==> flow/design.v <==
module sync_sh_core_n (ck, rstn, step, ch_in, sa_in, out_out);
  parameter DATA_WIDTH = 8;
  localparam SBITS = $clog2(DATA_WIDTH);
  input ck;
  input rstn;
  input step;
  input signed [DATA_WIDTH-1:0] ch_in;
  input [SBITS-1:0] sa_in;
  output reg [DATA_WIDTH-1:0] out_out;
  reg signed [DATA_WIDTH-1:0] r_ch;
  reg [SBITS-1:0] r_sa;
  always @(posedge ck) begin
    if (!rstn) begin
      r_ch <= 0;
      r_sa <= 0;
      out_out <= 0;
    end else if (step) begin
      r_ch <= ch_in;
      r_sa <= sa_in;
      out_out <= r_ch >>> r_sa;
    end
  end
endmodule
Step by step through the tools: sync_sh_core_n --
Tool output for the design above, in the order of the flow. Line numbers count from 1 in the design file above. Operators carry their Yosys type and port widths (W data, S select, Z words). Cell names lack the library's common part. Not given: --
Set-up: design top sync_sh_core_n, clock port ck, standard-cell library sky130hd, timing corner tt_025C_1v80

Word-level counts --
Yosys after proc, flatten, opt, wreduce and memory -nomap, before mapping. Enables and synchronous resets that opt folds into registers are not counted as muxes. Memory bits, and registers merged into a memory's read port (data or address), are not among the register bits. Print and check cells are not counted. Equal cells are merged and count once.
Operators by class: add/subtract/negate cells 0, $mul 0, divide/modulo/power cells 0, magnitude comparators 0, eq/ne operators 0, shift operators 1, multiplexer cells 0, bitwise logic cells 0, reduce/logical cells 0
Operator list (number):
- $sshr A8 B3 Y8 | 1
Bit counts: bits in registers 19, bits in latches 0, bits in writable memories 0, bits in read-only memories 0, clocked read ports x word width 0, memory cells 0, input port bits 14, elaborated cells 4

Logic depth --
Yosys ltp: most cells in a row. Word level: on the elaborated netlist, between registers, memories and ports. Mapped: between sequential cells and ports; inverters and the memories' decode and read muxes count.
Logic depth: depth after elaboration 1, ABC_AREA 0, gate-level depth with buffers 4, gate-level depth less buffers 3

After synthesis --
The flow's flattened synthesis, as Yosys stat reports it; memories are mapped. The netlist is that of the ABC_AREA named above (0 if unset); the other value can give another one. Totals and module areas in this step are rounded.
Synthesis totals: mapped cells 93, synthesis area 966 um2, mapped flip-flops 19, buffers 8
Cell types:
- dfxtp_1 | number 19, total area 380.365 um2
- mux4_1 | number 5, total area 131.376 um2
- mux2i_1 | number 13, total area 130.125 um2
- nand2b_1 | number 9, total area 56.304 um2
- nor2_1 | number 12, total area 45.043 um2
- a31oi_1 | number 4, total area 25.024 um2
- mux2_2 | number 2, total area 22.522 um2
- buf_2 | number 4, total area 20.019 um2
- o21ai_0 | number 4, total area 20.019 um2
- o311ai_0 | number 2, total area 17.517 um2
- a41oi_2 | number 1, total area 16.266 um2
- nand2_1 | number 4, total area 15.014 um2
- buf_6 | number 1, total area 11.261 um2
- clkbuf_1 | number 3, total area 11.261 um2
- a21oi_1 | number 2, total area 10.01 um2
- o2111ai_1 | number 1, total area 8.758 um2
- nor3b_1 | number 1, total area 7.507 um2
- o21a_1 | number 1, total area 7.507 um2
Other cell types: 5; their cells: 5.

Worst setup path after synthesis --
Source: OpenSTA report_checks on the synthesized netlist (no wires, ideal clock, input and output delay 20% of the period each), path of least setup slack; recovery checks are left aside. Register names are those of the netlist, which keeps one name where synthesis merged equal registers.
Timing path post-synthesis: path kind register to register, from register r_sa[0], to register out_out[0], clock period 1620 ps, library setup time 131 ps, launch time at the first pin 0 ps, arrival time 1163 ps, required time 1489 ps, slack 325 ps, path delay 1294 ps, stages on the path 5, synthesis period reached 1295 ps
"path delay" is the arrival time less input delay plus setup time. "stages on the path" counts driving pins, that of a launching flip-flop among them; a cell with two outputs on the path counts twice. "synthesis period reached" is the clock period less the worst setup slack; recovery checks do not enter. This is arithmetic on one report: input and output delays are still those of the set period (20% each). The rows between start and end are the longest chain of elaborated cells between them; the timing report does not say that the signal goes this way. Where chains are equally long, one stands for them. A line is the first line of the expression or statement that the cell stems from. Yosys adds cells for indexed reads and writes and turns some case tables into memories.
Between the ends, post-synthesis: cell sequence dfxtp_1 buf_6 mux4_1 nand2_1 a41oi_2, length of the longest elaborated chain 1, elaborated cells between the ends (all ways) 1
Ends and longest elaborated chain, post-synthesis:
- start, declared | RTL line 11 | reg [SBITS-1:0] r_sa;
- start, assigned | RTL line 15 | r_sa <= 0;
- start, assigned | RTL line 19 | r_sa <= sa_in;
- $sshr A8 B3 Y8 | RTL line 20 | out_out <= r_ch >>> r_sa;
- end, assigned | RTL line 16 | out_out <= 0;
- end, assigned | RTL line 20
- end, declared | RTL line 9 | output reg [DATA_WIDTH-1:0] out_out;

Worst path after layout --
From the final timing report of run A: the path of least setup slack in the routed layout; clock arrival at registers is part of the times. The report prints the path's times to 10 ps; the period is as set.
Timing path after layout: path kind register to register, from register r_sa[0], to register out_out[2], clock period 812 ps, library setup time 100 ps, launch time at the first pin 300 ps, arrival time 1490 ps, required time 1010 ps, slack -480 ps, stages on the path 5
The rows between start and end are the longest chain of elaborated cells between them; the timing report does not say that the signal goes this way. Where chains are equally long, one stands for them.
Between the ends, after layout: cell sequence dfxtp_4 buf_12 mux4_2 nand2b_1 a31oi_1, length of the longest elaborated chain 1, elaborated cells between the ends (all ways) 1
Ends and longest elaborated chain, after layout:
- start, declared | RTL line 11 | reg [SBITS-1:0] r_sa;
- start, assigned | RTL line 15 | r_sa <= 0;
- start, assigned | RTL line 19 | r_sa <= sa_in;
- $sshr A8 B3 Y8 | RTL line 20 | out_out <= r_ch >>> r_sa;
- end, assigned | RTL line 16 | out_out <= 0;
- end, assigned | RTL line 20
- end, declared | RTL line 9 | output reg [DATA_WIDTH-1:0] out_out;

## Implementation results

Measured results for sync_sh_core_n: 3 stored runs of the Yosys and OpenROAD flow on sky130hd. The settings differ; the order carries no meaning. The constraints put input and output delay at 20% of the set period each and load the outputs with 0.01 pF.
"period achieved" = clock period - worst setup slack. The figure is calculated, with input and output delays left at 20% of the set period.
"critical path time" means the part of the period allowed to the worst setup path (the constraints hold back 20% at inputs and 20% at outputs) less its slack; where the path has registers, the arrival times of their clocks count too.
"power" is the tool's figure for a default switching activity; nothing was simulated.
"critical path time" is known to 10 ps.
The results are shown rounded.

* Run A | settings: period_ns 0.812; CORE_UTILIZATION 49; CORE_ASPECT_RATIO 0.67; TNS_END_PERCENT 80; ABC_AREA 0; SLEW_MARGIN 35; MIN_ROUTING_LAYER met1; CAP_MARGIN 20; CORE_MARGIN 2 | results: chip area after synthesis (Yosys) 966 um2; area inside the die boundary 2,350 um2; power 0.00202 W; critical path time 1,290 ps; kind of the worst setup path register to register; post-layout utilization 74.4%; worst setup slack after layout -478 ps; total negative slack on setup checks -4,110 ps; worst hold slack in the final report 457 ps; standard-cell area of the final layout 1,420 um2; period achieved 1,290 ps
* Run B | settings: period_ns 1.41; CORE_UTILIZATION 15; SETUP_SLACK_MARGIN 0.37; CORE_ASPECT_RATIO 0.55; ABC_AREA 1; GPL_TIMING_DRIVEN 1; CTS_CLUSTER_SIZE 95; CTS_CLUSTER_DIAMETER 208; CAP_MARGIN 0; SLEW_MARGIN 25; CORE_MARGIN 2 | results: worst setup slack after layout 408 ps; power 0.00124 W; period achieved 1,002 ps; critical path time 720 ps; kind of the worst setup path register to output; worst hold slack in the final report 430 ps; total negative slack on setup checks 0 ps; standard-cell area of the final layout 1,290 um2; area inside the die boundary 6,700 um2; post-layout utilization 22.7%; chip area after synthesis (Yosys) 906 um2
* Run C | settings: period_ns 1.62; CAP_MARGIN 20; CORE_MARGIN 2; CORE_UTILIZATION 40; SLEW_MARGIN 20 | results: post-layout utilization 54.3%; total negative slack on setup checks 0 ps; area inside the die boundary 2,820 um2; worst hold slack in the final report 477 ps; power 0.000927 W; chip area after synthesis (Yosys) 966 um2; critical path time 1,170 ps; kind of the worst setup path register to output; standard-cell area of the final layout 1,220 um2; period achieved 1,498 ps; worst setup slack after layout 122 ps
